==> flow/design.v <==
module muxn_top #(
   parameter integer DATA_WIDTH = 4,
   parameter integer N = 16,
   parameter integer SBITS = $clog2(N)
) (
   input  ck,
   input  resetn,
   input  [N*DATA_WIDTH-1:0] bus_in,
   input  [SBITS-1:0] s_in,
   output [DATA_WIDTH-1:0] dout_out
);
   reg [N*DATA_WIDTH-1:0] bus_s;
   reg [SBITS-1:0] s_s;
   always @(posedge ck) begin
      if (~resetn) begin
         bus_s <= 0;
         s_s <= 0;
      end else begin
         bus_s <= bus_in;
         s_s <= s_in;
      end
   end
   wire [N-1:0] oh = {{(N-1){1'b0}}, 1'b1} << s_s;
   reg [DATA_WIDTH-1:0] nxt;
   integer k;
   always @(*) begin
      nxt = 0;
      for (k = 0; k < N; k = k + 1)
         nxt = nxt | (bus_s[k*DATA_WIDTH +: DATA_WIDTH] & {DATA_WIDTH{oh[k]}});
   end
   assign dout_out = nxt;
endmodule
Step by step through the tools: muxn_top
What the tools print for muxn_top, step after step.
Line numbers count from 1 in the design file above.
Operators: Yosys type, input widths -> output width; for muxes data width and select width s.
Library cell names are shortened.
{ "setup": {"top": "muxn_top", "clock": "ck", "cell_library": "sky130hd", "corner": "tt_025C_1v80"} }

Word level
Source: Yosys, flattened and elaborated, memories not mapped. Widths are those after wreduce; folded enables and synchronous resets count as part of the registers. Registers that Yosys merges into a memory's read port (data or address) are not register bits. Print and check cells do not count. Equal cells are merged and count once.
{ "word_totals": {"out_inout_bits": 4, "input_bits": 70, "reg_bits": 68} }
{ "classes": {"bitwise": 31, "n_shift": 1} }
{ "ops": {"columns": ["op", "count"], "rows": [
  ["$and 4x4->4", 16],
  ["$or 4x4->4", 15],
  ["$shl 1x4->16 const A", 1]
]} }

Longest topological paths
Yosys ltp: most cells in a row. Word level: on the elaborated netlist, between registers, memories and ports. Mapped: between sequential cells and ports; inverters and the memories' decode and read muxes count.
{ "depth": {"ltp_word": 17, "ABC_AREA": 0, "ltp_mapped": 6} }

After synthesis
Yosys stat after the flow's synthesis: flattened, memories mapped to cells. It holds for the ABC_AREA given above (unset counts as 0); a run with the other value may have another netlist.
{ "synth_totals": {"flip_flops": 68, "seqArea_um2": 1361.3, "cell_count": 218, "synth_area_um2": 2382.3} }
{ "types": {"columns": ["cell", "count", "area_total_um2"], "rows": [
  ["dfxtp_1", 68, 1.36E+03],
  ["and2_1", 69, 431.664],
  ["a22oi_1", 16, 120.115],
  ["mux2i_1", 12, 120.115],
  ["o32a_1", 4, 40.038],
  ["a32oi_1", 4, 35.034],
  ["o2111ai_1", 4, 35.034],
  ["o22a_1", 4, 35.034],
  ["nor2_1", 9, 33.782],
  ["clkbuf_1", 7, 26.275],
  ["o22ai_1", 4, 25.024],
  ["and2b_1", 2, 15.014],
  ["buf_2", 3, 15.014],
  ["buf_4", 2, 15.014],
  ["nor2b_1", 2, 12.512],
  ["buf_6", 1, 11.261],
  ["or3b_4", 1, 11.261],
  ["and2b_4", 1, 10.01]
]} }
Other cell types: 5; their cells: 5.

Path before layout
OpenSTA on the mapped netlist: ideal clock, no wires. The path of least setup slack (recovery checks aside). Input and output delay are each 20% of the period. Register names are those of the netlist, which keeps one name where synthesis merged equal registers.
{ "synth_timing": {"path_type": "register to output", "startpoint": "register s_s[2]", "endpoint": "output dout_out[2]", "clock_period_ns": 1.82, "path_delay_ns": 1.168, "slack_ns": 0.288, "t_arrival_ns": 1.168, "output_delay_ns": 0.364, "path_stages": 7, "t_first_pin_ns": 0.000, "period_less_setup_slack_ns": 1.532} }
"path_delay_ns" = arrival - input delay + setup time.
At an output port there is no setup time.
"path_stages": output pins that drive a net of the path, with the launching flip-flop's if there is one; two outputs of one cell count as two.
"period_less_setup_slack_ns" is the clock period less the worst setup slack; recovery checks do not enter. This is arithmetic on one report: input and output delays are still those of the set period (20% each).
The rows between start and end are the longest chain of elaborated cells between them; the timing report does not say that the signal goes this way. Where chains are equally long, one stands for them.
Each line given opens the expression or statement behind the cell; cells for indexed reads and writes are added by Yosys, which also makes memories of some case tables.
{ "synth_via": {"path_cell_list": "dfxtp_1 > buf_2 > buf_4 > mux2i_1 > nor2_1 > nor2_1 > o2111ai_1", "elab_chain_cells": 17, "cells_between": 32, "lines_between": 2} }
{ "synth_lines": {"columns": ["element", "line", "source"], "rows": [
  ["start: declaration", 13, "reg [SBITS-1:0] s_s;"],
  ["start: assignment", 17, "s_s <= 0;"],
  ["start: assignment", 20, "s_s <= s_in;"],
  ["$shl 1x4->16", 23, "wire [N-1:0] oh = {{(N-1){1'b0}}, 1'b1} << s_s;"],
  ["$and 4x4->4", 29, "nxt = nxt | (bus_s[k*DATA_WIDTH +: DATA_WIDTH] & {DATA_WIDTH{oh[k]}});"],
  ["$or 4x4->4 (15 in a row)", 29, null],
  ["end: declaration", 10, "output [DATA_WIDTH-1:0] dout_out"]
]} }

Worst path after layout
Path of least setup slack in the final report of entry A (OpenROAD, finished layout, wires in). Where an end is a register, its clock arrival counts in the times.
{ "layout_timing": {"path_type": "register to output", "startpoint": "register s_s[0]", "endpoint": "output dout_out[0]", "t_first_pin_ns": 0.32, "t_arrival_ns": 1.67, "path_stages": 7, "output_delay_ns": 0.36, "clock_period_ns": 1.82, "slack_ns": -0.21} }
The rows between start and end are the longest chain of elaborated cells between them; the timing report does not say that the signal goes this way. Where chains are equally long, one stands for them.
{ "layout_via": {"path_cell_list": "dfxtp_4 > and2b_4 > buf_6 > a22oi_2 > o22a_1 > o2111ai_2 > buf_2", "elab_chain_cells": 17, "cells_between": 32, "lines_between": 2} }
{ "layout_lines": {"columns": ["element", "line", "source"], "rows": [
  ["start: declaration", 13, "reg [SBITS-1:0] s_s;"],
  ["start: assignment", 17, "s_s <= 0;"],
  ["start: assignment", 20, "s_s <= s_in;"],
  ["$shl 1x4->16", 23, "wire [N-1:0] oh = {{(N-1){1'b0}}, 1'b1} << s_s;"],
  ["$and 4x4->4", 29, "nxt = nxt | (bus_s[k*DATA_WIDTH +: DATA_WIDTH] & {DATA_WIDTH{oh[k]}});"],
  ["$or 4x4->4 (15 in a row)", 29, null],
  ["end: declaration", 10, "output [DATA_WIDTH-1:0] dout_out"]
]} }

Subject: flow runs of muxn_top

Hi,

Measured results for muxn_top: 3 stored runs of the Yosys and OpenROAD flow on sky130hd. The settings differ; the order carries no meaning. The constraints put input and output delay at 20% of the set period each and load the outputs with 0.01 pF.
By "timing.achieved_period_ns" is meant the clock period of the run minus its worst setup slack. This is arithmetic on one report: input and output delays are still those of the set period (20% each).
"worst_setup_path_time_ns": the worst setup path's part of the clock period (all of it between registers, 20% less for each end at a port) less its slack. A launch clock that arrives late makes it longer, a capture clock that arrives late makes it shorter.
"totalPower_uw" rests on the timing tool's default activity at the inputs, not on a simulated workload.
[
  {
    "run": "entry A",
    "settings": { "period_ns": 1.82, "CAP_MARGIN": 20, "CORE_MARGIN": 2, "CORE_UTILIZATION": 40, "SLEW_MARGIN": 20 },
    "results": { "die_area_um2": 6589.4, "worst_setup_path_time_ns": 1.67, "critical_path_type": "register to output", "post_synth_area_um2": 2382.3, "fin_tns_ns": -0.794, "post_route_util_pct": 60.9, "setup_ws_ns": -0.211, "final_hold_ws_ns": 0.604, "timing.achieved_period_ns": 2.031, "post_route_stdcell_area_um2": 3564.7, "totalPower_uw": 3204 }
  },
  {
    "run": "entry B",
    "settings": { "period_ns": 1.07, "CORE_UTILIZATION": 59, "SETUP_SLACK_MARGIN": 0.03, "PLACE_DENSITY_LB_ADDON": 0.06, "CELL_PAD_IN_SITES_DETAIL_PLACEMENT": 0, "TNS_END_PERCENT": 45, "SLEW_MARGIN": 5, "MAX_ROUTING_LAYER": "met5", "CAP_MARGIN": 20, "CORE_MARGIN": 2 },
    "results": { "die_area_um2": 4562.3, "worst_setup_path_time_ns": 1.73, "critical_path_type": "register to output", "post_synth_area_um2": 2382.3, "fin_tns_ns": -3.456, "post_route_util_pct": 87.7, "setup_ws_ns": -0.879, "final_hold_ws_ns": 0.450, "timing.achieved_period_ns": 1.949, "post_route_stdcell_area_um2": 3459.6, "totalPower_uw": 5156 }
  },
  {
    "run": "entry C",
    "settings": { "period_ns": 0.98, "CORE_UTILIZATION": 34, "SETUP_SLACK_MARGIN": 0.06, "PLACE_DENSITY_LB_ADDON": 0.18, "CORE_ASPECT_RATIO": 1.07, "CORE_MARGIN": 6, "CELL_PAD_IN_SITES_GLOBAL_PLACEMENT": 3, "TNS_END_PERCENT": 85, "GPL_TIMING_DRIVEN": 0, "GPL_ROUTABILITY_DRIVEN": 1, "SLEW_MARGIN": 30, "MIN_ROUTING_LAYER": "met2", "CAP_MARGIN": 20 },
    "results": { "die_area_um2": 9160.5, "worst_setup_path_time_ns": 1.79, "critical_path_type": "register to output", "post_synth_area_um2": 2382.3, "fin_tns_ns": -3.971, "post_route_util_pct": 52.7, "setup_ws_ns": -1.002, "final_hold_ws_ns": 0.235, "timing.achieved_period_ns": 1.982, "post_route_stdcell_area_um2": 3555.9, "totalPower_uw": 6121 }
  }
]

Regards
